==> flow/design.v <==
module alu_compare_rtl (CLK, RSTN, op_a_i, op_b_i, lower_o, mx_o);
   parameter DATA_WIDTH = 14;
   input CLK;
   input RSTN;
   input [DATA_WIDTH-1:0] op_a_i;
   input [DATA_WIDTH-1:0] op_b_i;
   output [DATA_WIDTH-1:0] lower_o;
   output [DATA_WIDTH-1:0] mx_o;
   reg [DATA_WIDTH-1:0] r_op_a;
   always @(posedge CLK) begin
      if (~RSTN) begin
         r_op_a <= 0;
      end else begin
         r_op_a <= op_a_i;
      end
   end
   reg [DATA_WIDTH-1:0] r_op_b;
   always @(posedge CLK) begin
      if (~RSTN) begin
         r_op_b <= 0;
      end else begin
         r_op_b <= op_b_i;
      end
   end
   wire tmp;
   assign tmp = r_op_a < r_op_b;
   reg [DATA_WIDTH-1:0] r_lower;
   always @(posedge CLK) begin
      if (~RSTN) begin
         r_lower <= 0;
      end else begin
         r_lower <= tmp ? r_op_a : r_op_b;
      end
   end
   assign lower_o = r_lower;
   reg [DATA_WIDTH-1:0] r_mx;
   always @(posedge CLK) begin
      if (~RSTN) begin
         r_mx <= 0;
      end else begin
         r_mx <= tmp ? r_op_b : r_op_a;
      end
   end
   assign mx_o = r_mx;
endmodule
Memo
Re: synthesis data of alu_compare_rtl

# From RTL to reports: alu_compare_rtl

Tool output for the members of one design family, told apart by "DATA_WIDTH", in the order of the flow.
The file above is the member DATA_WIDTH 14. Line numbers count from 1 in each member's own file.
Operators: Yosys type, input widths -> output width; for muxes data width and select width s.
Library cell names are shortened.
The mark n/a stands for no value.

Design top: alu_compare_rtl
Clock: CLK
Standard-cell library: sky130hd
Timing corner: tt_025C_1v80

# Source of the members

New or changed lines of each further member against the RTL above, in its own file; lines it lacks are not shown.

New or changed lines:

| DATA_WIDTH | RTL line | RTL |
| 24         | 2        | `parameter DATA_WIDTH = 24;` |
| 48         | 2        | `parameter DATA_WIDTH = 48;` |
| 64         | 2        | `parameter DATA_WIDTH = 64;` |
| 72         | 2        | `parameter DATA_WIDTH = 72;` |
| 96         | 2        | `parameter DATA_WIDTH = 96;` |
| 112        | 2        | `parameter DATA_WIDTH = 112;` |

# Word level

Counts by Yosys on the flattened word-level netlist (proc, flatten, opt, wreduce; memories kept). Register bits leave out memories and registers merged into their read ports (data or address); mux counts leave out enables and synchronous resets folded into registers. Print and check cells are left out. Cells with the same type and inputs are merged into one.

Bit counts:

| DATA_WIDTH | output and inout bits | cells after elaboration | bits of input ports | register bits after elaboration |
| 14         | 28                    | 7                       | 30                  | 56 |
| 24         | 48                    | 7                       | 50                  | 96 |
| 48         | 96                    | 7                       | 98                  | 192 |
| 64         | 128                   | 7                       | 130                 | 256 |
| 72         | 144                   | 7                       | 146                 | 288 |
| 96         | 192                   | 7                       | 194                 | 384 |
| 112        | 224                   | 7                       | 226                 | 448 |

Cells by class:

| DATA_WIDTH | muxes and demuxes | $lt $le $gt $ge |
| 14         | 2                 | 1 |
| 24         | 2                 | 1 |
| 48         | 2                 | 1 |
| 64         | 2                 | 1 |
| 72         | 2                 | 1 |
| 96         | 2                 | 1 |
| 112        | 2                 | 1 |

Operator list:

| DATA_WIDTH | kinds with counts |
| 14         | 2 x $mux 14; 1 x $lt 14x14->1 |
| 24         | 2 x $mux 24; 1 x $lt 24x24->1 |
| 48         | 2 x $mux 48; 1 x $lt 48x48->1 |
| 64         | 2 x $mux 64; 1 x $lt 64x64->1 |
| 72         | 2 x $mux 72; 1 x $lt 72x72->1 |
| 96         | 2 x $mux 96; 1 x $lt 96x96->1 |
| 112        | 2 x $mux 112; 1 x $lt 112x112->1 |

# Logic depth

Longest topological path by Yosys (ltp), each cell counted once; first at word level (registers and memories cut), then after technology mapping (sequential cells cut; the memories' decode and read muxes count).

Depth:

| DATA_WIDTH | depth after elaboration | ABC_AREA | mapped depth | mapped depth without buffers |
| 14         | 2                       | 0        | 9            | 7 |
| 24         | 2                       | 0        | 10           | 8 |
| 48         | 2                       | 0        | 12           | 9 |
| 64         | 2                       | 0        | 11           | 9 |
| 72         | 2                       | 0        | 12           | 9 |
| 96         | 2                       | 0        | 11           | 9 |
| 112        | 2                       | 0        | 12           | 10 |

# Netlist

Source: synth_stat.txt of the flow (Yosys; design flattened, memories mapped). It holds for the ABC_AREA given above (unset counts as 0); a run with the other value may have another netlist.
Totals and module areas in this step are rounded.

Cell types:

| DATA_WIDTH | types with counts |
| 14         | 56 x dfxtp_1; 28 x mux2i_1; 28 x and2_1; 13 x ha_1; 30 x nand2_1; 13 x inv_1; 2 x buf_12; 7 x a21oi_1; 6 x clkbuf_1; 3 x nand4_1; 1 x buf_6; 1 x a211o_1; 1 x o221ai_1; 1 x a21o_1; 1 x nand2b_1; 1 x nand3_1; 1 x o21ai_0; 1 x nor2_1 |
| 24         | 96 x dfxtp_1; 48 x mux2i_1; 48 x and2_1; 23 x ha_1; 54 x nand2_1; 23 x inv_1; 10 x a21oi_1; 11 x clkbuf_1; 3 x buf_6; 4 x a21o_1; 4 x o21ai_1; 3 x nand4_1; 2 x buf_4; 1 x nor4b_2; 1 x a21oi_2; 1 x a41oi_1; 1 x nand4b_1; 1 x and3_1; [+3] |
| 48         | 192 x dfxtp_1; 96 x mux2i_1; 96 x and2_1; 47 x ha_1; 103 x nand2_1; 47 x inv_1; 21 x clkbuf_1; 14 x a21oi_1; 5 x buf_6; 9 x nand4_1; 5 x a21o_1; 6 x buf_2; 6 x nor3_1; 1 x a2111oi_4; 5 x o21ai_0; 3 x a211oi_1; 4 x nand3_1; 2 x o211ai_1; [+13] |
| 64         | 256 x dfxtp_1; 128 x mux2i_1; 128 x and2_1; 63 x ha_1; 141 x nand2_1; 65 x inv_1; 11 x buf_12; 24 x a21oi_1; 28 x clkbuf_1; 10 x a21o_1; 10 x nand4_1; 10 x o21ai_0; 2 x buf_8; 5 x nand3_1; 6 x nor2_1; 3 x o211ai_1; 1 x o211ai_4; 2 x o211a_1; [+16] |
| 72         | 288 x dfxtp_1; 144 x mux2i_1; 144 x and2_1; 71 x ha_1; 167 x nand2_1; 73 x inv_1; 33 x a21oi_1; 6 x buf_12; 32 x clkbuf_1; 16 x o21ai_0; 8 x buf_4; 6 x and4_1; 8 x nand4_1; 6 x nand3_1; 3 x a221oi_1; 3 x a211oi_1; 1 x buf_8; 3 x nor3_1; [+16] |
| 96         | 384 x dfxtp_1; 192 x mux2i_1; 192 x and2_1; 95 x ha_1; 222 x nand2_1; 98 x inv_1; 37 x a21oi_1; 43 x clkbuf_1; 9 x buf_8; 11 x buf_6; 13 x nand4_1; 9 x o21ai_1; 5 x and4_1; 2 x nor4_4; 11 x nor2_1; 8 x o21ai_0; 3 x a211oi_2; 7 x nand3_1; [+30] |
| 112        | 448 x dfxtp_1; 224 x mux2i_1; 224 x and2_1; 111 x ha_1; 249 x nand2_1; 113 x inv_1; 46 x a21oi_1; 50 x clkbuf_1; 23 x nand4_1; 15 x a21o_1; 16 x buf_2; 16 x o21ai_0; 7 x buf_4; 6 x nand3_1; 8 x nor2_1; 6 x nor3_1; 3 x a211oi_1; 3 x nor2b_1; [+23] |

A list marked [+n] leaves out that many cells.

Mapped netlist:

| DATA_WIDTH | cell area after synthesis (sq um) | sequential area (sq um) | standard cells after synthesis | flip-flop cells |
| 14         | 2100                              | 1100                    | 194                            | 56 |
| 24         | 3600                              | 1900                    | 337                            | 96 |
| 48         | 7100                              | 3800                    | 675                            | 192 |
| 64         | 9700                              | 5100                    | 909                            | 256 |
| 72         | 11000                             | 5800                    | 1028                           | 288 |
| 96         | 14000                             | 7700                    | 1371                           | 384 |
| 112        | 17000                             | 9000                    | 1591                           | 448 |

# Path before layout

Source: OpenSTA report_checks on the synthesized netlist (no wires, ideal clock, input and output delay 20% of the period each), path of least setup slack; recovery checks are left aside. Register names are those of the netlist, which keeps one name where synthesis merged equal registers.

Timing post-synthesis:

| DATA_WIDTH | path type  | start          | end              | period (ns) | setup slack (ns) | path delay (ns) | driving pins on the path | period reached after synthesis (ns) |
| 14         | reg-to-reg | reg r_op_b[7]  | reg r_lower[10]  | 2.12        | 0.424            | 1.696           | 10                       | 1.696 |
| 24         | reg-to-reg | reg r_op_b[21] | reg r_lower[10]  | 2.32        | 0.467            | 1.854           | 11                       | 1.853 |
| 48         | reg-to-reg | reg r_op_b[1]  | reg r_lower[10]  | 2.78        | 0.554            | 2.227           | 12                       | 2.226 |
| 64         | reg-to-reg | reg r_op_b[47] | reg r_lower[43]  | 2.85        | 0.570            | 2.280           | 11                       | 2.28 |
| 72         | reg-to-reg | reg r_op_b[71] | reg r_lower[11]  | 3.04        | 0.611            | 2.429           | 13                       | 2.429 |
| 96         | reg-to-reg | reg r_op_b[93] | reg r_lower[15]  | 2.76        | 0.552            | 2.209           | 12                       | 2.208 |
| 112        | reg-to-reg | reg r_op_b[46] | reg r_lower[100] | 3.25        | 0.649            | 2.601           | 12                       | 2.601 |

"path delay" = arrival - input delay + setup time.
"driving pins on the path": output pins that drive a net of the path, with the launching flip-flop's if there is one; two outputs of one cell count as two.
"period reached after synthesis" is the clock period less the worst setup slack; recovery checks do not enter. This is arithmetic on one report: input and output delays are still those of the set period (20% each).
Between the ends stands the longest chain of elaborated cells between them, by number of cells; it is not shown to be the way that was timed. Of several equally long chains one is given.
A line is the first line of the expression or statement that the cell stems from. Yosys adds cells for indexed reads and writes and turns some case tables into memories.

Between the ends, post-synthesis, DATA_WIDTH 14:
Cells in the longest elaborated chain: 2

Ends and longest elaborated chain, post-synthesis, DATA_WIDTH 14:

| element       | RTL line | RTL |
| from (decl)   | 17       | `reg [DATA_WIDTH-1:0] r_op_b;` |
| from (assign) | 20       | `r_op_b <= 0;` |
| from (assign) | 22       | `r_op_b <= op_b_i;` |
| $lt 14x14->1  | 26       | `assign tmp = r_op_a < r_op_b;` |
| $mux 14       | 32       | `r_lower <= tmp ? r_op_a : r_op_b;` |
| to (assign)   | 30       | `r_lower <= 0;` |
| to (assign)   | 32       |  |
| to (decl)     | 27       | `reg [DATA_WIDTH-1:0] r_lower;` |

Between the ends, post-synthesis, DATA_WIDTH 112:
Cells in the longest elaborated chain: 2

Ends and longest elaborated chain, post-synthesis, DATA_WIDTH 112:

| element        | RTL line | RTL |
| from (decl)    | 17       | `reg [DATA_WIDTH-1:0] r_op_b;` |
| from (assign)  | 20       | `r_op_b <= 0;` |
| from (assign)  | 22       | `r_op_b <= op_b_i;` |
| $lt 112x112->1 | 26       | `assign tmp = r_op_a < r_op_b;` |
| $mux 112       | 32       | `r_lower <= tmp ? r_op_a : r_op_b;` |
| to (assign)    | 30       | `r_lower <= 0;` |
| to (assign)    | 32       |  |
| to (decl)      | 27       | `reg [DATA_WIDTH-1:0] r_lower;` |

# Path in the finished layout

From the final timing report of each member's run: the path of least setup slack in the routed layout; clock arrival at registers is part of the times.

Timing after layout:

| DATA_WIDTH | path type  | start          | end             | setup slack (ns) | buffers on the path | period (ns) | driving pins on the path | arrival time (ns) |
| 14         | reg-to-reg | reg r_op_b[7]  | reg r_lower[10] | 0.39             | 1                   | 2.12        | 9                        | 1.92 |
| 24         | reg-to-reg | reg r_op_b[11] | reg r_lower[13] | 0.18             | 1                   | 2.32        | 10                       | 2.41 |
| 48         | reg-to-reg | reg r_op_b[1]  | reg r_lower[38] | 0.34             | 1                   | 2.78        | 10                       | 2.74 |
| 64         | reg-to-reg | reg r_op_b[59] | reg r_lower[47] | 0.23             | 3                   | 2.85        | 13                       | 3.05 |
| 72         | reg-to-reg | reg r_op_b[30] | reg r_lower[11] | 0.25             | 3                   | 3.04        | 13                       | 3.25 |
| 96         | reg-to-reg | reg r_op_b[90] | reg r_lower[45] | 0.12             | 3                   | 2.76        | 13                       | 3.08 |
| 112        | reg-to-reg | reg r_op_b[45] | reg r_lower[16] | 0.20             | 2                   | 3.25        | 12                       | 3.49 |

# Layout results

One run of the flow (Yosys, OpenROAD) for each member, with settings and measured results. Input and output delays are each 20% of the period that was set; the output load is 0.01 pF.

CAP_MARGIN: 20
CORE_MARGIN: 2
CORE_UTILIZATION: 40
SLEW_MARGIN: 20

Settings that differ:

| DATA_WIDTH | period_ns |
| 14         | 2.12 |
| 24         | 2.32 |
| 48         | 2.78 |
| 64         | 2.85 |
| 72         | 3.04 |
| 96         | 2.76 |
| 112        | 3.25 |

Results:

| DATA_WIDTH | post-synthesis cell area (sq um) | reached clock period (ns) | worst hold slack (ns) | overall die area (sq um) | total power of the final layout (µW) | standard-cell area after routing (sq um) | total negative slack (ns) | worst setup slack after layout (ns) | utilization after layout |
| 14         | 2100                             | 1.730                     | 0.49                  | 5800                     | 2400                                 | 2900                                     | 0.000                     | 0.39                                | 0.57 |
| 24         | 3600                             | 2.144                     | 0.48                  | 9600                     | 3600                                 | 4900                                     | 0.000                     | 0.18                                | 0.56 |
| 48         | 7100                             | 2.440                     | 0.49                  | 19000                    | 6600                                 | 9900                                     | 0.000                     | 0.34                                | 0.57 |
| 64         | 9700                             | 2.621                     | 0.48                  | 25000                    | 9100                                 | 14000                                    | 0.000                     | 0.23                                | 0.57 |
| 72         | 11000                            | 2.788                     | 0.48                  | 28000                    | 9300                                 | 15000                                    | 0.000                     | 0.25                                | 0.57 |
| 96         | 14000                            | 2.639                     | 0.44                  | 38000                    | 13000                                | 20000                                    | 0.000                     | 0.12                                | 0.56 |
| 112        | 17000                            | 3.045                     | 0.48                  | 43000                    | 14000                                | 23000                                    | 0.000                     | 0.20                                | 0.57 |

"reached clock period" = clock period - worst setup slack. The figure is calculated, with input and output delays left at 20% of the set period.
"total power of the final layout" is the tool's figure for a default switching activity; nothing was simulated.
Results are given in rounded form.
